==> flow/design.v <==
module dp_adder_blk #(
  parameter XLEN = 12,
  parameter CHUNK = 3
) (
  input wire clk,
  input wire [XLEN-1:0] u,
  input wire [XLEN-1:0] v,
  input wire cin,
  output reg [XLEN-1:0] s,
  output reg carry_out
);
  localparam GROUPS = XLEN / CHUNK;
  wire [XLEN-1:0] r;
  wire [GROUPS:0] carry;
  assign carry[0] = cin;
  genvar i;
  generate
    for (i = 0; i < GROUPS; i = i + 1) begin : blk
      wire [CHUNK:0] s0 = u[i*CHUNK +: CHUNK] + v[i*CHUNK +: CHUNK];
      wire [CHUNK:0] s1 = u[i*CHUNK +: CHUNK] + v[i*CHUNK +: CHUNK] + 1'b1;
      assign {carry[i+1], r[i*CHUNK +: CHUNK]} = carry[i] ? s1 : s0;
    end
  endgenerate
  always @(posedge clk) begin
    s <= r;
    carry_out <= carry[GROUPS];
  end
endmodule
Step by step through the tools: dp_adder_blk
The steps from the RTL of dp_adder_blk to its reports follow in flow order.
Lines are those of the file above, counted from 1.
Cell names lack the library's common part.
The mark - stands for no value.
- design top: dp_adder_blk
- clock: clk
- library: sky130hd
- library corner: tt_025C_1v80

Word-level counts
Yosys after proc, flatten, opt, wreduce and memory -nomap, before mapping. Enables and synchronous resets that opt folds into registers are not counted as muxes. Memory bits, and registers merged into a memory's read port (data or address), are not among the register bits. Print and check cells are not counted. Equal cells are merged and count once.
- add/subtract/negate cells: 8
- multiplexer cells at 4
- operator list (kind ; count):
    adder 3 x 3 -> 4 bit ; 4
    adder 4 x 1 -> 4 bit with constant B ; 4
    two-way mux 4 bit ; 4
- noted flip-flop bits (word level): 13
- input bits: 26
- cells after elaboration at 14

Logic depth
Depth = most cells in a row (Yosys ltp): at word level without a register or memory, in the mapped netlist without a sequential cell, where the memories' decode and read muxes count.
- depth after elaboration: 6
- ABC_AREA at 0
- mapped depth at 9

Synthesis result
The flow's flattened synthesis, as Yosys stat reports it; memories are mapped. The netlist is that of the ABC_AREA named above (0 if unset); the other value can give another one.
- mapped cells at 88
- noted chip area (Yosys): 919.6 um^2
- noted sequential part of the area: 260.2 um^2
- flip-flop cells: 13
- buffer cells at 0
- cell types (type ; count ; area in all (um^2)):
    dfxtp_1 ; 13 ; 260.25
    ha_1 ; 16 ; 200.192
    fa_1 ; 4 ; 80.077
    xnor2_1 ; 7 ; 61.309
    xor2_1 ; 6 ; 52.55
    a21o_1 ; 4 ; 30.029
    inv_1 ; 8 ; 30.029
    nand2_1 ; 7 ; 26.275
    nand3_1 ; 5 ; 25.024
    xnor2_2 ; 1 ; 16.266
    xor2_2 ; 1 ; 16.266
    a21oi_1 ; 3 ; 15.014
    o31ai_2 ; 1 ; 12.512
    mux2_2 ; 1 ; 11.261
    nor2_4 ; 1 ; 11.261
    or4_4 ; 1 ; 11.261
    a21oi_2 ; 1 ; 8.758
    and2_4 ; 1 ; 8.758
Not listed: further types 7, cells in them 7.

Timing after synthesis
Path of least setup slack by OpenSTA after synthesis, without wires, with an ideal clock, recovery checks aside; 20% of the period is set as input and as output delay. Where synthesis merged equal registers, the netlist keeps one of their names.
- path type: input to register
- from: input u[0]
- to: register s[9]
- clock period at 3.44 ns
- time at the first pin at 0.688 ns
- noted arrival time: 2.770 ns
- required time at 3.322 ns
- slack: 0.552 ns
- path delay at 2.200 ns
- stages on the path at 9
- path buffers: 0
- period reached after synthesis: 2.888 ns
"path delay" = arrival - input delay + setup time.
"stages on the path" counts driving pins, that of a launching flip-flop among them; a cell with two outputs on the path counts twice.
"period reached after synthesis" is the clock period less the worst setup slack; recovery checks do not enter. This is arithmetic on one report: input and output delays are still those of the set period (20% each).
Between the ends stands the longest chain of elaborated cells between them, by number of cells; it is not shown to be the way that was timed. Of several equally long chains one is given.
Each line given opens the expression or statement behind the cell; cells for indexed reads and writes are added by Yosys, which also makes memories of some case tables.
- path through: ha_1 fa_1 xnor2_2 nor2_4 xor2_2 o21a_1 or4_4 and2_4 xor2_1
- noted cells in the longest elaborated chain: 6
- ends and longest elaborated chain, after synthesis (element ; line ; RTL):
    from (decl) ; 6 ; input wire [XLEN-1:0] u,
    adder 3 x 3 -> 4 bit ; 20 ; wire [CHUNK:0] s1 = u[i*CHUNK +: CHUNK] + v[i*CHUNK +: CHUNK] + 1'b1;
    adder 4 x 1 -> 4 bit ; 20 ;
    two-way mux 4 bit x4 ; 21 ; assign {carry[i+1], r[i*CHUNK +: CHUNK]} = carry[i] ? s1 : s0;
    to (assign) ; 25 ; s <= r;
    to (decl) ; 9 ; output reg [XLEN-1:0] s,

Path in the finished layout
Path of least setup slack in the final report of run 2 (OpenROAD, finished layout, wires in). Where an end is a register, its clock arrival counts in the times.
- path type: input to register
- from: input u[0]
- to: register s[9]
- clock period at 3.44 ns
- time at the first pin at 0.69 ns
- noted arrival time: 3.26 ns
- required time at 3.60 ns
- slack: 0.34 ns
- stages on the path at 10
- path buffers: 1
Between the ends stands the longest chain of elaborated cells between them, by number of cells; it is not shown to be the way that was timed. Of several equally long chains one is given.
- path through: clkdlybuf4s50_1 ha_1 fa_1 nand3_1 nor2_4 xor2_2 o21a_1 or4_4 and2_4 xor2_1
- noted cells in the longest elaborated chain: 6
- ends and longest elaborated chain, after layout (element ; line ; RTL):
    from (decl) ; 6 ; input wire [XLEN-1:0] u,
    adder 3 x 3 -> 4 bit ; 20 ; wire [CHUNK:0] s1 = u[i*CHUNK +: CHUNK] + v[i*CHUNK +: CHUNK] + 1'b1;
    adder 4 x 1 -> 4 bit ; 20 ;
    two-way mux 4 bit x4 ; 21 ; assign {carry[i+1], r[i*CHUNK +: CHUNK]} = carry[i] ? s1 : s0;
    to (assign) ; 25 ; s <= r;
    to (decl) ; 9 ; output reg [XLEN-1:0] s,

Lab notebook: dp_adder_blk

Top module dp_adder_blk; platform sky130hd; tools Yosys and OpenROAD; 3 stored runs in no particular order. Input and output delays are each 20% of the period that was set; the output load is 0.01 pF.
"worst setup path time" means the part of the period allowed to the worst setup path (the constraints hold back 20% at inputs and 20% at outputs) less its slack; where the path has registers, the arrival times of their clocks count too.
"power" is the tool's figure for a default switching activity; nothing was simulated.

Run 1

==> flow/run.sh <==
#!/bin/bash
# the make line also repeats the synthesis and layout settings of config.mk as NAME=value (left out here)
make -C /OpenROAD-flow-scripts/flow DESIGN_CONFIG=/design/flow/config.mk WORK_HOME=/design/flow/orfs CLKGATE_MAP_FILE= finish
==> flow/config.mk <==
export PLATFORM = sky130hd
export DESIGN_NAME = dp_adder_blk
export DESIGN_NICKNAME = dp_adder_blk
export VERILOG_FILES = /design/flow/design.v
export SDC_FILE = /design/flow/constraint.sdc
export NUM_CORES = 4
export LEC_CHECK = 0
export CAP_MARGIN = 0
export CELL_PAD_IN_SITES_DETAIL_PLACEMENT = 2
export CORE_ASPECT_RATIO = 1.39
export CORE_MARGIN = 6
export CORE_UTILIZATION = 35
export CTS_CLUSTER_DIAMETER = 240
export CTS_CLUSTER_SIZE = 65
export PLACE_DENSITY = 0.69
export SETUP_SLACK_MARGIN = 0.89
export SLEW_MARGIN = 20
==> flow/constraint.sdc <==
create_clock -name core_clock -period 3.56 [get_ports {clk}]
set_input_delay 0.7120 -clock core_clock [delete_from_list [all_inputs] [get_ports {clk}]]
set_output_delay 0.7120 -clock core_clock [all_outputs]
set_load 0.01 [all_outputs]

Run 1: not finished: clock tree synthesis ended with error DPL-0033.

Run 2

==> flow/run.sh <==
#!/bin/bash
# the make line also repeats the synthesis and layout settings of config.mk as NAME=value (left out here)
make -C /OpenROAD-flow-scripts/flow DESIGN_CONFIG=/design/flow/config.mk WORK_HOME=/design/flow/orfs CLKGATE_MAP_FILE= finish
==> flow/config.mk <==
export PLATFORM = sky130hd
export DESIGN_NAME = dp_adder_blk
export DESIGN_NICKNAME = dp_adder_blk
export VERILOG_FILES = /design/flow/design.v
export SDC_FILE = /design/flow/constraint.sdc
export NUM_CORES = 4
export LEC_CHECK = 0
export CAP_MARGIN = 20
export CORE_MARGIN = 2
export CORE_UTILIZATION = 40
export SLEW_MARGIN = 20
==> flow/constraint.sdc <==
create_clock -name core_clock -period 3.44 [get_ports {clk}]
set_input_delay 0.6880 -clock core_clock [delete_from_list [all_inputs] [get_ports {clk}]]
set_output_delay 0.6880 -clock core_clock [all_outputs]
set_load 0.01 [all_outputs]

Measured in run 2:
- worst setup path time at 2.41 ns
- type of the worst setup path: input to register
- final setup TNS at 0.000 ns
- die outline area: 2698.8 um^2
- setup slack of the critical path at 0.341 ns
- power at 540 uW
- noted the utilization in the final report: 62.1%
- final worst hold slack: 1.087 ns
- standard-cell area after layout: 1361.3 um^2
- noted the chip area in the Yosys report: 919.6 um^2

Run 3

==> flow/run.sh <==
#!/bin/bash
# the make line also repeats the synthesis and layout settings of config.mk as NAME=value (left out here)
make -C /OpenROAD-flow-scripts/flow DESIGN_CONFIG=/design/flow/config.mk WORK_HOME=/design/flow/orfs CLKGATE_MAP_FILE= finish
==> flow/config.mk <==
export PLATFORM = sky130hd
export DESIGN_NAME = dp_adder_blk
export DESIGN_NICKNAME = dp_adder_blk
export VERILOG_FILES = /design/flow/design.v
export SDC_FILE = /design/flow/constraint.sdc
export NUM_CORES = 4
export LEC_CHECK = 0
export ABC_AREA = 0
export CAP_MARGIN = 20
export CORE_ASPECT_RATIO = 0.58
export CORE_MARGIN = 2
export CORE_UTILIZATION = 25
export CTS_CLUSTER_SIZE = 89
export GPL_TIMING_DRIVEN = 1
export MIN_ROUTING_LAYER = met2
export SETUP_SLACK_MARGIN = 0.32
export SLEW_MARGIN = 20
==> flow/constraint.sdc <==
create_clock -name core_clock -period 3.76 [get_ports {clk}]
set_input_delay 0.7520 -clock core_clock [delete_from_list [all_inputs] [get_ports {clk}]]
set_output_delay 0.7520 -clock core_clock [all_outputs]
set_load 0.01 [all_outputs]

Measured in run 3:
- worst setup path time at 2.49 ns
- type of the worst setup path: input to register
- final setup TNS at 0.000 ns
- die outline area: 4197.9 um^2
- setup slack of the critical path at 0.514 ns
- power at 535.1 uW
- noted the utilization in the final report: 40.7%
- final worst hold slack: 1.179 ns
- standard-cell area after layout: 1402.6 um^2
- noted the chip area in the Yosys report: 919.6 um^2
